==> flow/design.v <==
module cmp_unit #(
  parameter integer DW = 28
) (
  input  wire ck,
  input  wire i_rst_n,
  input  wire adv,
  input  wire [DW-1:0] first_in,
  input  wire [DW-1:0] second_in,
  output reg le_out
);
  always @(posedge ck or negedge i_rst_n) begin
    if (~i_rst_n) begin
      le_out <= 1'b0;
    end else if (adv) begin
      le_out <= (first_in <= second_in);
    end
  end
endmodule
## From RTL to reports: cmp_unit

The steps from the RTL of cmp_unit to its reports follow in flow order.
Lines are those of the file above, counted from 1.
The mark n/a stands for no value.

- Top module: cmp_unit
- Clock input: ck
- Library: sky130hd
- Library corner: tt_025C_1v80

## Word level

Source: Yosys, flattened and elaborated, memories not mapped. Widths are those after wreduce; folded enables and synchronous resets count as part of the registers. Registers that Yosys merges into a memory's read port (data or address) are not register bits. Print and check cells do not count. Equal cells are merged and count once.

- Order comparisons: 1

Operators by type and width:

| kind | count |
|---|---|
| less-or-equal comparator 28 bit | 1 |

- Bits in registers: 1
- Input port bits: 59
- Elaborated cells: 2
- Output and inout port bits: 1

## Logic depth

Longest topological path by Yosys (ltp), each cell counted once; first at word level (registers and memories cut), then after technology mapping (sequential cells cut; the memories' decode and read muxes count).

- Depth after elaboration: 1
- ABC_AREA: 0
- Depth in mapped cells: 7
- Gate-level depth less buffers: 7

## Mapped cells and area

Source: synth_stat.txt of the flow (Yosys; design flattened, memories mapped). It holds for the ABC_AREA given above (unset counts as 0); a run with the other value may have another netlist.
Totals and module areas in this step are rounded.

Cell types:

| cell type | count | area in all (µm²) |
|---|---|---|
| sky130_fd_sc_hd__ha_1 | 28 | 350.336 |
| sky130_fd_sc_hd__inv_1 | 29 | 108.854 |
| sky130_fd_sc_hd__a21oi_1 | 12 | 60.058 |
| sky130_fd_sc_hd__nand4_1 | 6 | 37.536 |
| sky130_fd_sc_hd__dfrtp_1 | 1 | 25.024 |
| sky130_fd_sc_hd__a21o_1 | 2 | 15.014 |
| sky130_fd_sc_hd__o221ai_2 | 1 | 15.014 |
| sky130_fd_sc_hd__o211ai_2 | 1 | 12.512 |
| sky130_fd_sc_hd__o31ai_2 | 1 | 12.512 |
| sky130_fd_sc_hd__nand2_1 | 3 | 11.261 |
| sky130_fd_sc_hd__o41a_1 | 1 | 11.261 |
| sky130_fd_sc_hd__nand3_1 | 2 | 10.01 |
| sky130_fd_sc_hd__nand3_2 | 1 | 10.01 |
| sky130_fd_sc_hd__nor3_1 | 2 | 10.01 |
| sky130_fd_sc_hd__a21o_2 | 1 | 8.758 |
| sky130_fd_sc_hd__o221ai_1 | 1 | 8.758 |
| sky130_fd_sc_hd__a21boi_0 | 1 | 7.507 |
| sky130_fd_sc_hd__and2b_1 | 1 | 7.507 |

Other cell types: 7; their cells: 7.

- Mapped area: 762.0 µm²
- Sequential area: 25.0 µm²
- Buffers: 0
- Standard cells after synthesis: 101
- Flip-flops: 1

## Path before layout

Path of least setup slack by OpenSTA after synthesis, without wires, with an ideal clock, recovery checks aside; 20% of the period is set as input and as output delay. Where synthesis merged equal registers, the netlist keeps one of their names.

- Path type: input port to flip-flop
- From: input port second_in[25]
- To: register le_out
- Path delay: 1.214 ns
- Data arrival time: 1.460 ns
- Library setup time: 0.134 ns
- Buffers on the path: 0
- Clock period: 1.9 ns
- Driving pins on the path: 7
- Required time: 1.766 ns
- Time at the first pin: 0.380 ns
- Input delay: 0.380 ns
- Setup slack: 0.306 ns
- Synthesis period reached: 1.594 ns

"path delay" is the arrival time less input delay plus setup time.
"driving pins on the path": output pins that drive a net of the path, with the launching flip-flop's if there is one; two outputs of one cell count as two.
"synthesis period reached" is the clock period less the worst setup slack; recovery checks do not enter. This is arithmetic on one report: input and output delays are still those of the set period (20% each).
The rows between start and end are the longest chain of elaborated cells between them; the timing report does not say that the signal goes this way. Where chains are equally long, one stands for them.
A line is the first line of the expression or statement that the cell stems from. Yosys adds cells for indexed reads and writes and turns some case tables into memories.

- Cells stage by stage: sky130_fd_sc_hd__inv_1 sky130_fd_sc_hd__ha_1 sky130_fd_sc_hd__nand4_1 sky130_fd_sc_hd__nor4_1 sky130_fd_sc_hd__and3_1 sky130_fd_sc_hd__o41a_1 sky130_fd_sc_hd__o221ai_2
- Length of the longest elaborated chain: 1
- Elaborated cells on any way between the ends: 1
- Source lines of those cells: 1
- Classes of those cells: compare: 1

RTL lines, path post-synthesis:

| what | RTL line | text |
|---|---|---|
| start, declared | 8 | `input  wire [DW-1:0] second_in,` |
| less-or-equal comparator 28 bit | 15 | `le_out <= (first_in <= second_in);` |
| end, assigned | 13 | `le_out <= 1'b0;` |
| end, assigned | 15 |  |
| end, declared | 9 | `output reg le_out` |

## Timing after layout

Path of least setup slack in the final report of run 1 (OpenROAD, finished layout, wires in). Where an end is a register, its clock arrival counts in the times.

- Path type: input port to flip-flop
- From: input port second_in[11]
- To: register le_out
- Driving pins on the path: 8
- Input delay: 0.38 ns
- Required time: 1.76 ns
- Buffers on the path: 1
- Setup slack: -0.07 ns
- Time at the first pin: 0.38 ns
- Data arrival time: 1.84 ns
- Clock period: 1.9 ns
- Library setup time: 0.14 ns

The rows between start and end are the longest chain of elaborated cells between them; the timing report does not say that the signal goes this way. Where chains are equally long, one stands for them.

- Cells stage by stage: sky130_fd_sc_hd__dlygate4sd2_1 sky130_fd_sc_hd__inv_1 sky130_fd_sc_hd__ha_1 sky130_fd_sc_hd__nand4_1 sky130_fd_sc_hd__or2_1 sky130_fd_sc_hd__a21oi_2 sky130_fd_sc_hd__o41a_1 sky130_fd_sc_hd__o221ai_2
- Length of the longest elaborated chain: 1
- Elaborated cells on any way between the ends: 1
- Source lines of those cells: 1
- Classes of those cells: compare: 1

RTL lines, path after layout:

| what | RTL line | text |
|---|---|---|
| start, declared | 8 | `input  wire [DW-1:0] second_in,` |
| less-or-equal comparator 28 bit | 15 | `le_out <= (first_in <= second_in);` |
| end, assigned | 13 | `le_out <= 1'b0;` |
| end, assigned | 15 |  |
| end, declared | 9 | `output reg le_out` |

Top module cmp_unit; platform sky130hd; tools Yosys and OpenROAD; 3 stored runs in no particular order. Input and output delays are each 20% of the period that was set; the output load is 0.01 pF.
"worst setup path time": the worst setup path's part of the clock period (all of it between registers, 20% less for each end at a port) less its slack. A launch clock that arrives late makes it longer, a capture clock that arrives late makes it shorter.
By "total power after layout" is meant OpenSTA's value without simulated activity: inputs other than the clock are taken to toggle once in ten clock periods, and the tool carries that through the logic.
Results are given in rounded form.
Settings: . = not set for that run.
Results: . = not shown.

| name | run 1 | run 2 | run 3 |
|---|---|---|---|
| period_ns | 1.9 | 2.14 | 1.79 |
| CAP_MARGIN | 20 | 20 | 25 |
| CORE_MARGIN | 2 | 8 | 2 |
| CORE_UTILIZATION | 40 | 52 | 20 |
| SLEW_MARGIN | 20 | 15 | 30 |
| ABC_AREA | . | 0 | 0 |
| MIN_ROUTING_LAYER | . | met1 | met1 |
| MAX_ROUTING_LAYER | . | met4 | . |
| PLACE_DENSITY_LB_ADDON | . | . | 0.28 |
| CORE_ASPECT_RATIO | . | . | 0.74 |
| CELL_PAD_IN_SITES_DETAIL_PLACEMENT | . | . | 2 |
| worst setup path time (ns) | 1.59 | . | 1.44 |
| worst setup path type | input port to flip-flop | . | input port to flip-flop |
| area of the die (µm²) | 2,270 | . | 4,325 |
| Yosys chip area after synthesis (µm²) | 762.0 | . | 762.0 |
| setup TNS (ns) | -0.075 | . | -0.011 |
| smallest setup slack (ns) | -0.075 | . | -0.011 |
| total power after layout (W) | 0.0004449 | . | 0.0004086 |
| standard-cell area after routing (µm²) | 1,690 | . | 1,702 |

Run 2: no final report: placement broke off with GPL-0301
